==> flow/design.v <==
module core_as_core #(
   parameter int DW = 8
) (
   input  logic clock,
   input  logic [DW-1:0] dataa,
   input  logic [DW-1:0] datab,
   output logic [DW-1:0] diff
);
   logic [DW-1:0] r_dataa;
   logic [DW-1:0] r_datab;
   always_ff @(posedge clock) begin
      r_dataa <= dataa;
      r_datab <= datab;
      diff <= (r_dataa > r_datab) ? r_dataa - r_datab : r_datab - r_dataa;
   end
endmodule
* Reports on core_as_core
Tool output for the design above, in the order of the flow. Line numbers count from 1 in the design file above. Operators carry their Yosys type and port widths (W data, S select, Z words). Not given: -
Set-up: design top core_as_core, clock port clock, library sky130hd, corner tt_025C_1v80

* Word level
Yosys after proc, flatten, opt, wreduce and memory -nomap, before mapping. Enables and synchronous resets that opt folds into registers are not counted as muxes. Memory bits, and registers merged into a memory's read port (data or address), are not among the register bits. Print and check cells are not counted. Equal cells are merged and count once.
Word-level totals: output and inout port bits 8, elaborated cells 7, input bits 17, flip-flop bits (word level) 24
Cells by class: muxes and demuxes 1, add/sub/neg operators 2, magnitude comparators 1
Operators by type and width (number):
- $sub A8 B8 Y8 | 2
- $gt A8 B8 Y1 | 1
- $mux W8 | 1

* Depth
Depth = most cells in a row (Yosys ltp): at word level without a register or memory, in the mapped netlist without a sequential cell, where the memories' decode and read muxes count.
Depth: depth in word-level cells 2, ABC_AREA 0, mapped depth 9, depth with buffers taken out 8

* After synthesis
The flow's flattened synthesis, as Yosys stat reports it; memories are mapped. The netlist is that of the ABC_AREA named above (0 if unset); the other value can give another one. The area totals of this step are shown rounded.
Cell types:
- sky130_fd_sc_hd__dfxtp_1 | number 24, total area 480.461 µm²
- sky130_fd_sc_hd__ha_1 | number 15, total area 187.68 µm²
- sky130_fd_sc_hd__mux2i_1 | number 7, total area 70.067 µm²
- sky130_fd_sc_hd__inv_1 | number 16, total area 60.058 µm²
- sky130_fd_sc_hd__fa_1 | number 2, total area 40.038 µm²
- sky130_fd_sc_hd__xor2_1 | number 4, total area 35.034 µm²
- sky130_fd_sc_hd__o21ai_0 | number 6, total area 30.029 µm²
- sky130_fd_sc_hd__a21oi_1 | number 5, total area 25.024 µm²
- sky130_fd_sc_hd__a31oi_1 | number 4, total area 25.024 µm²
- sky130_fd_sc_hd__buf_6 | number 2, total area 22.522 µm²
- sky130_fd_sc_hd__a21o_2 | number 2, total area 17.517 µm²
- sky130_fd_sc_hd__a311oi_1 | number 2, total area 17.517 µm²
- sky130_fd_sc_hd__xnor2_1 | number 2, total area 17.517 µm²
- sky130_fd_sc_hd__a211oi_1 | number 2, total area 15.014 µm²
- sky130_fd_sc_hd__a21o_1 | number 2, total area 15.014 µm²
- sky130_fd_sc_hd__buf_2 | number 3, total area 15.014 µm²
- sky130_fd_sc_hd__nand2_1 | number 4, total area 15.014 µm²
- sky130_fd_sc_hd__a211oi_2 | number 1, total area 12.512 µm²
Other cell types: 6; their cells: 8.
Mapped netlist: flip-flops 24, synthesis area 1152 µm², cells in the netlist 111, buffers 5, area of sequential cells 480.5 µm²

* Timing after synthesis
Source: OpenSTA report_checks on the synthesized netlist (no wires, ideal clock, input and output delay 20% of the period each), path of least setup slack; recovery checks are left aside. Register names are those of the netlist, which keeps one name where synthesis merged equal registers.
Path after synthesis: kind flip-flop to flip-flop, start point reg r_dataa[0], end point reg diff[6], buffers on the path 1, data arrival time 1.840 ns, driving pins on the path 10, launch time at the first pin 0.000 ns, delay of the path 1.912 ns, clock period 2.39 ns, data required time 2.318 ns, setup time 0.072 ns, path slack 0.479 ns, synthesis period reached 1.911 ns
"delay of the path" is the arrival time less input delay plus setup time. "driving pins on the path" counts driving pins, that of a launching flip-flop among them; a cell with two outputs on the path counts twice. "synthesis period reached" is the clock period less the worst setup slack; recovery checks do not enter. This is arithmetic on one report: input and output delays are still those of the set period (20% each). The rows between start and end are the longest chain of elaborated cells between them; the timing report does not say that the signal goes this way. Where chains are equally long, one stands for them. A line is the first line of the expression or statement that the cell stems from. Yosys adds cells for indexed reads and writes and turns some case tables into memories.
On the way, after synthesis: cell sequence sky130_fd_sc_hd__dfxtp_1 > sky130_fd_sc_hd__inv_1 > sky130_fd_sc_hd__ha_1 > sky130_fd_sc_hd__fa_1 > sky130_fd_sc_hd__nand3b_1 > sky130_fd_sc_hd__a21oi_1 > sky130_fd_sc_hd__o22a_1 > sky130_fd_sc_hd__buf_6 > sky130_fd_sc_hd__mux2i_1 > sky130_fd_sc_hd__xor2_1, length of the longest elaborated chain 2, elaborated cells between the ends (all ways) 4, source lines of those cells 1, those cells by class 2 x add/sub; 1 x compare; 1 x mux
Ends and longest elaborated chain, after synthesis:
- start, declared | line 9 | logic [DW-1:0] r_dataa;
- start, assigned | line 12 | r_dataa <= dataa;
- $sub A8 B8 Y8 | line 14 | diff <= (r_dataa > r_datab) ? r_dataa - r_datab : r_datab - r_dataa;
- $mux W8 | line 14
- end, assigned | line 14
- end, declared | line 7 | output logic [DW-1:0] diff

* Worst path after layout
Path of least setup slack in the final report of flow run A (OpenROAD, finished layout, wires in). Where an end is a register, its clock arrival counts in the times.
Path after layout: kind flip-flop to flip-flop, start point reg r_dataa[0], end point reg diff[6], clock period 2.39 ns, driving pins on the path 9, setup time 0.06 ns, launch time at the first pin 0.30 ns, data arrival time 2.47 ns, data required time 2.64 ns, path slack 0.17 ns, buffers on the path 0
The rows between start and end are the longest chain of elaborated cells between them; the timing report does not say that the signal goes this way. Where chains are equally long, one stands for them.
On the way, after layout: cell sequence sky130_fd_sc_hd__dfxtp_1 > sky130_fd_sc_hd__inv_1 > sky130_fd_sc_hd__ha_1 > sky130_fd_sc_hd__fa_1 > sky130_fd_sc_hd__nand3b_1 > sky130_fd_sc_hd__a21oi_1 > sky130_fd_sc_hd__o22a_1 > sky130_fd_sc_hd__mux2i_1 > sky130_fd_sc_hd__xor2_1, length of the longest elaborated chain 2, elaborated cells between the ends (all ways) 4, source lines of those cells 1, those cells by class 2 x add/sub; 1 x compare; 1 x mux
Ends and longest elaborated chain, after layout:
- start, declared | line 9 | logic [DW-1:0] r_dataa;
- start, assigned | line 12 | r_dataa <= dataa;
- $sub A8 B8 Y8 | line 14 | diff <= (r_dataa > r_datab) ? r_dataa - r_datab : r_datab - r_dataa;
- $mux W8 | line 14
- end, assigned | line 14
- end, declared | line 7 | output logic [DW-1:0] diff

Ticket comment

Record of 3 stored runs of the RTL-to-layout flow on core_as_core, platform sky130hd. The runs are unordered. Constraints: input delay and output delay 20% of the set period each, output load 0.01 pF.
"reached clock period" means the clock period less the worst setup slack. The figure is calculated, with input and output delays left at 20% of the set period.
Measured values are rounded.

* Flow run A | settings: period_ns 2.39; CAP_MARGIN 20; CORE_MARGIN 2; CORE_UTILIZATION 40; SLEW_MARGIN 20 | results: full die area 3326 µm²; Yosys chip area after synthesis 1152 µm²; reached clock period 2.224 ns; worst setup slack after layout 0.166 ns; final utilization 51.4 %
* Flow run B | settings: period_ns 1.77; CORE_UTILIZATION 50; PLACE_DENSITY 0.63; CTS_CLUSTER_SIZE 17; CAP_MARGIN 5; CORE_MARGIN 2; SLEW_MARGIN 20 | results: full die area 2705 µm²; Yosys chip area after synthesis 1152 µm²; reached clock period 2.007 ns; worst setup slack after layout -0.237 ns; final utilization 73.0 %
* Flow run C | settings: period_ns 1.49; CORE_UTILIZATION 72; PLACE_DENSITY_LB_ADDON 0.26; CELL_PAD_IN_SITES_GLOBAL_PLACEMENT 3; CELL_PAD_IN_SITES_DETAIL_PLACEMENT 0; TNS_END_PERCENT 40; ABC_AREA 0; GPL_TIMING_DRIVEN 0; CTS_CLUSTER_SIZE 22; CAP_MARGIN 20; CORE_MARGIN 2; SLEW_MARGIN 20 | no results, placement failed with FLW-0024
